==> flow/design.v <==
module mult_rtl #(
    parameter int DWIDTH = 18
) (
    input  logic aclk,
    input  logic rst_ni,
    input  logic [DWIDTH-1:0] arg0,
    input  logic [DWIDTH-1:0] arg1,
    output logic [2*DWIDTH-1:0] res
);
    logic [DWIDTH-1:0] arg0_s;
    logic [DWIDTH-1:0] arg1_s;
    localparam int HALF = DWIDTH / 2;
    logic [DWIDTH-1:0] ll;
    half_mul #(.N(HALF)) el (.a(arg0_s[HALF-1:0]), .b(arg1_s[HALF-1:0]), .p(ll));
    logic [DWIDTH-1:0] lh;
    half_mul #(.N(HALF)) inst (.a(arg0_s[HALF-1:0]), .b(arg1_s[DWIDTH-1:HALF]), .p(lh));
    logic [DWIDTH-1:0] hl;
    half_mul #(.N(HALF)) i_sub (.a(arg0_s[DWIDTH-1:HALF]), .b(arg1_s[HALF-1:0]), .p(hl));
    logic [DWIDTH-1:0] hh;
    half_mul #(.N(HALF)) u0 (.a(arg0_s[DWIDTH-1:HALF]), .b(arg1_s[DWIDTH-1:HALF]), .p(hh));
    logic [DWIDTH-1:0] ll_s;
    logic [DWIDTH-1:0] lh_s;
    logic [DWIDTH-1:0] hl_s;
    logic [DWIDTH-1:0] hh_s;
    logic [DWIDTH:0] w2;
    assign w2 = lh_s + hl_s;
    always_ff @(posedge aclk or negedge rst_ni) begin
        if (~rst_ni) begin
            arg0_s <= '0;
            arg1_s <= '0;
            ll_s <= '0;
            lh_s <= '0;
            hl_s <= '0;
            hh_s <= '0;
            res <= '0;
        end else begin
            arg0_s <= arg0;
            arg1_s <= arg1;
            ll_s <= ll;
            lh_s <= lh;
            hl_s <= hl;
            hh_s <= hh;
            res <= {hh_s, ll_s} + {w2, {HALF{1'b0}}};
        end
    end
endmodule
module half_mul #(parameter N = 4) (
    input logic [N-1:0] a,
    input logic [N-1:0] b,
    output logic [2*N-1:0] p
);
    assign p = a * b;
endmodule
Step by step through the tools: mult_rtl
The steps from the RTL of mult_rtl to its reports follow in flow order.
Line numbers count from 1 in the design file above.
Operators: Yosys type, input widths -> output width; for muxes data width and select width s.
Cell names lack the library's common part.
{"block": "setup", "top_module": "mult_rtl", "clock_port": "aclk", "cell_library": "sky130hd", "lib_corner": "tt_025C_1v80"}

Elaborated design
Source: Yosys, flattened and elaborated, memories not mapped. Widths are those after wreduce; folded enables and synchronous resets count as part of the registers. Registers that Yosys merges into a memory's read port (data or address) are not register bits. Print and check cells do not count. Equal cells are merged and count once.
{"block": "op_classes", "n_addsub": 2, "mul": 4}
{"block": "ops", "op": "$mul 9x9->18", "count": 4}
{"block": "ops", "op": "$add 36x28->36", "count": 1}
{"block": "ops", "op": "$add 18x18->19", "count": 1}
{"block": "word_totals", "out_inout_bits": 36, "register_bits": 144, "inputBits": 38, "elab_cells": 13}

Logic depth
Longest topological path by Yosys (ltp), each cell counted once; first at word level (registers and memories cut), then after technology mapping (sequential cells cut; the memories' decode and read muxes count).
{"block": "logic_depth", "word_depth": 2, "ABC_AREA": 0, "ltp_mapped": 19, "ltp_nobuf": 17}

Synthesis result
Yosys stat after the flow's synthesis: flattened, memories mapped to cells. It holds for the ABC_AREA given above (unset counts as 0); a run with the other value may have another netlist.
{"block": "by_type", "cell": "fa_1", "count": 202, "type_area_um2": 4.04E+03}
{"block": "by_type", "cell": "dfrtp_1", "count": 144, "type_area_um2": 3.6E+03}
{"block": "by_type", "cell": "ha_1", "count": 189, "type_area_um2": 2.36E+03}
{"block": "by_type", "cell": "and2_1", "count": 184, "type_area_um2": 1.15E+03}
{"block": "by_type", "cell": "inv_1", "count": 302, "type_area_um2": 1.13E+03}
{"block": "by_type", "cell": "nand2_1", "count": 187, "type_area_um2": 701.923}
{"block": "by_type", "cell": "xnor2_1", "count": 50, "type_area_um2": 437.92}
{"block": "by_type", "cell": "a21oi_1", "count": 58, "type_area_um2": 290.278}
{"block": "by_type", "cell": "xor2_1", "count": 28, "type_area_um2": 245.235}
{"block": "by_type", "cell": "a21o_1", "count": 27, "type_area_um2": 202.694}
{"block": "by_type", "cell": "clkbuf_1", "count": 50, "type_area_um2": 187.68}
{"block": "by_type", "cell": "o21ai_0", "count": 32, "type_area_um2": 160.154}
{"block": "by_type", "cell": "nor2_1", "count": 40, "type_area_um2": 150.144}
{"block": "by_type", "cell": "nor3_1", "count": 22, "type_area_um2": 110.106}
{"block": "by_type", "cell": "o21a_1", "count": 12, "type_area_um2": 90.086}
{"block": "by_type", "cell": "o21bai_1", "count": 12, "type_area_um2": 90.086}
{"block": "by_type", "cell": "a211oi_1", "count": 10, "type_area_um2": 75.072}
{"block": "by_type", "cell": "and3_1", "count": 12, "type_area_um2": 75.072}
Not listed: further types 37, cells in them 123.
{"block": "synth_totals", "ff_cells": 144, "seq_area_um2": 3603.5, "area_um2": 16086.7, "cell_count": 1684}
The figures by module come from a second, unflattened synthesis with its own total; it is not the netlist above.
{"block": "unflattened", "hier_cells": 1635, "hier_area_um2": 16062.9}
Rows give one instance, submodules left out.
{"block": "by_module", "mod": "half_mul (N=9)", "n_cells": 311, "mod_area_um2": 2648.8, "mod_seq_area_um2": 0.0, "n_inst": 4}
{"block": "by_module", "mod": "mult_rtl", "n_cells": 391, "mod_area_um2": 5467.7, "mod_seq_area_um2": 3603.5, "n_inst": 1}

Worst setup path after synthesis
OpenSTA on the mapped netlist: ideal clock, no wires. The path of least setup slack (recovery checks aside). Input and output delay are each 20% of the period. Register names are those of the netlist, which keeps one name where synthesis merged equal registers.
{"block": "synth_timing", "kind": "reg-to-reg", "start": "register arg0_s[6]", "end": "register lh_s[17]", "delay_ns": 4.763, "path_stages": 17, "tclk_ns": 5.95, "t_arrival_ns": 4.643, "slack_ns": 1.187, "n_path_buf": 2, "period_less_setup_slack_ns": 4.763}
"delay_ns" = arrival - input delay + setup time.
"path_stages": output pins that drive a net of the path, with the launching flip-flop's if there is one; two outputs of one cell count as two.
"period_less_setup_slack_ns" is the clock period less the worst setup slack; recovery checks do not enter. This is arithmetic on one report: input and output delays are still those of the set period (20% each).
Between the ends stands the longest chain of elaborated cells between them, by number of cells; it is not shown to be the way that was timed. Of several equally long chains one is given.
A line is the first line of the expression or statement that the cell stems from. Yosys adds cells for indexed reads and writes and turns some case tables into memories.
{"block": "synth_via", "path_cell_list": "dfrtp_1 -> clkbuf_1 -> clkbuf_1 -> nand2_1 -> fa_1 -> inv_1 -> fa_1 -> fa_1 -> inv_1 -> fa_1 -> inv_1 -> ha_1 -> a2111oi_2 -> o21ai_1 -> a41o_1 -> or4b_1 -> and3_1", "elab_chain_cells": 1}
{"block": "synth_lines", "element": "start: declaration", "line": 10, "rtl": "logic [DWIDTH-1:0] arg0_s;"}
{"block": "synth_lines", "element": "start: assignment", "line": 29, "rtl": "arg0_s <= '0;"}
{"block": "synth_lines", "element": "start: assignment", "line": 37, "rtl": "arg0_s <= arg0;"}
{"block": "synth_lines", "element": "$mul 9x9->18", "line": 52, "rtl": "assign p = a * b;"}
{"block": "synth_lines", "element": "end: assignment", "line": 32, "rtl": "lh_s <= '0;"}
{"block": "synth_lines", "element": "end: assignment", "line": 40, "rtl": "lh_s <= lh;"}
{"block": "synth_lines", "element": "end: declaration", "line": 22, "rtl": "logic [DWIDTH-1:0] lh_s;"}

Worst path after layout
Path of least setup slack in the final report of record 1 (OpenROAD, finished layout, wires in). Where an end is a register, its clock arrival counts in the times.
{"block": "layout_timing", "kind": "reg-to-reg", "start": "register arg0_s[7]", "end": "register lh_s[17]", "n_path_buf": 1, "t_arrival_ns": 4.83, "slack_ns": -1.17, "tclk_ns": 3.29, "path_stages": 16}
Between the ends stands the longest chain of elaborated cells between them, by number of cells; it is not shown to be the way that was timed. Of several equally long chains one is given.
{"block": "layout_via", "path_cell_list": "dfrtp_2 -> buf_6 -> nand2_2 -> fa_1 -> inv_1 -> fa_1 -> inv_1 -> fa_1 -> fa_1 -> inv_2 -> ha_4 -> a2111oi_4 -> o21ai_2 -> a41o_1 -> or4b_1 -> and3_1", "elab_chain_cells": 1}
{"block": "layout_lines", "element": "start: declaration", "line": 10, "rtl": "logic [DWIDTH-1:0] arg0_s;"}
{"block": "layout_lines", "element": "start: assignment", "line": 29, "rtl": "arg0_s <= '0;"}
{"block": "layout_lines", "element": "start: assignment", "line": 37, "rtl": "arg0_s <= arg0;"}
{"block": "layout_lines", "element": "$mul 9x9->18", "line": 52, "rtl": "assign p = a * b;"}
{"block": "layout_lines", "element": "end: assignment", "line": 32, "rtl": "lh_s <= '0;"}
{"block": "layout_lines", "element": "end: assignment", "line": 40, "rtl": "lh_s <= lh;"}
{"block": "layout_lines", "element": "end: declaration", "line": 22, "rtl": "logic [DWIDTH-1:0] lh_s;"}

## Implementation results

Measured results for mult_rtl: 3 stored runs of the Yosys and OpenROAD flow on sky130hd. The settings differ; the order carries no meaning. The constraints put input and output delay at 20% of the set period each and load the outputs with 0.01 pF.
"period_reached_ns": clock period set for the run, less the worst setup slack. It is reckoned from that one timing run; input and output delays stay at 20% of the period that was set.
"critical_path_time_ns" = time allowed to the worst setup path (clock period - input delay - output delay, where it has them) - its slack; a late launch clock adds to it, a late capture clock takes from it.
By "power_total_uw" is meant OpenSTA's value without simulated activity: inputs other than the clock are taken to toggle once in ten clock periods, and the tool carries that through the logic.

{"run": "record 1", "settings": { "period_ns": 3.29, "CORE_UTILIZATION": 23, "SETUP_SLACK_MARGIN": 0.91, "PLACE_DENSITY_LB_ADDON": 0.22, "HOLD_SLACK_MARGIN": 0.1, "CORE_ASPECT_RATIO": 1.61, "CORE_MARGIN": 6, "CELL_PAD_IN_SITES_DETAIL_PLACEMENT": 2, "GPL_TIMING_DRIVEN": 1, "GPL_ROUTABILITY_DRIVEN": 1, "CTS_CLUSTER_SIZE": 87, "SLEW_MARGIN": 40, "MAX_ROUTING_LAYER": "met4", "CAP_MARGIN": 20 }, "results": { "final_util_pct": 35.3, "stdcell_area_um2": 24382.1, "setup_worst_slack_ns": -1.171, "die_footprint_um2": 76614.9, "yosys.chip_area_um2": 16086.7, "critical_path_time_ns": 4.46, "path_kind": "reg-to-reg", "period_reached_ns": 4.461, "tns_ns": -51.011, "power_total_uw": 28989 }}
{"run": "record 2", "settings": { "period_ns": 5.42, "CORE_UTILIZATION": 39, "PLACE_DENSITY_LB_ADDON": 0.06, "GPL_TIMING_DRIVEN": 1, "GPL_ROUTABILITY_DRIVEN": 1, "CTS_CLUSTER_SIZE": 46, "CAP_MARGIN": 40, "MIN_ROUTING_LAYER": "met1", "MAX_ROUTING_LAYER": "met4", "CORE_MARGIN": 2, "SLEW_MARGIN": 20 }, "results": { "final_util_pct": 44.4, "stdcell_area_um2": 18068.6, "setup_worst_slack_ns": 0.377, "die_footprint_um2": 42888.3, "yosys.chip_area_um2": 16086.7, "critical_path_time_ns": 5.04, "path_kind": "reg-to-reg", "period_reached_ns": 5.043, "tns_ns": 0.000, "power_total_uw": 10447 }}
{"run": "record 3", "settings": { "period_ns": 5.95, "CAP_MARGIN": 20, "CORE_MARGIN": 2, "CORE_UTILIZATION": 40, "SLEW_MARGIN": 20 }, "results": { "final_util_pct": 45.0, "stdcell_area_um2": 17897.2, "setup_worst_slack_ns": 0.896, "die_footprint_um2": 41836.6, "yosys.chip_area_um2": 16086.7, "critical_path_time_ns": 5.05, "path_kind": "reg-to-reg", "period_reached_ns": 5.054, "tns_ns": 0.000, "power_total_uw": 9426 }}
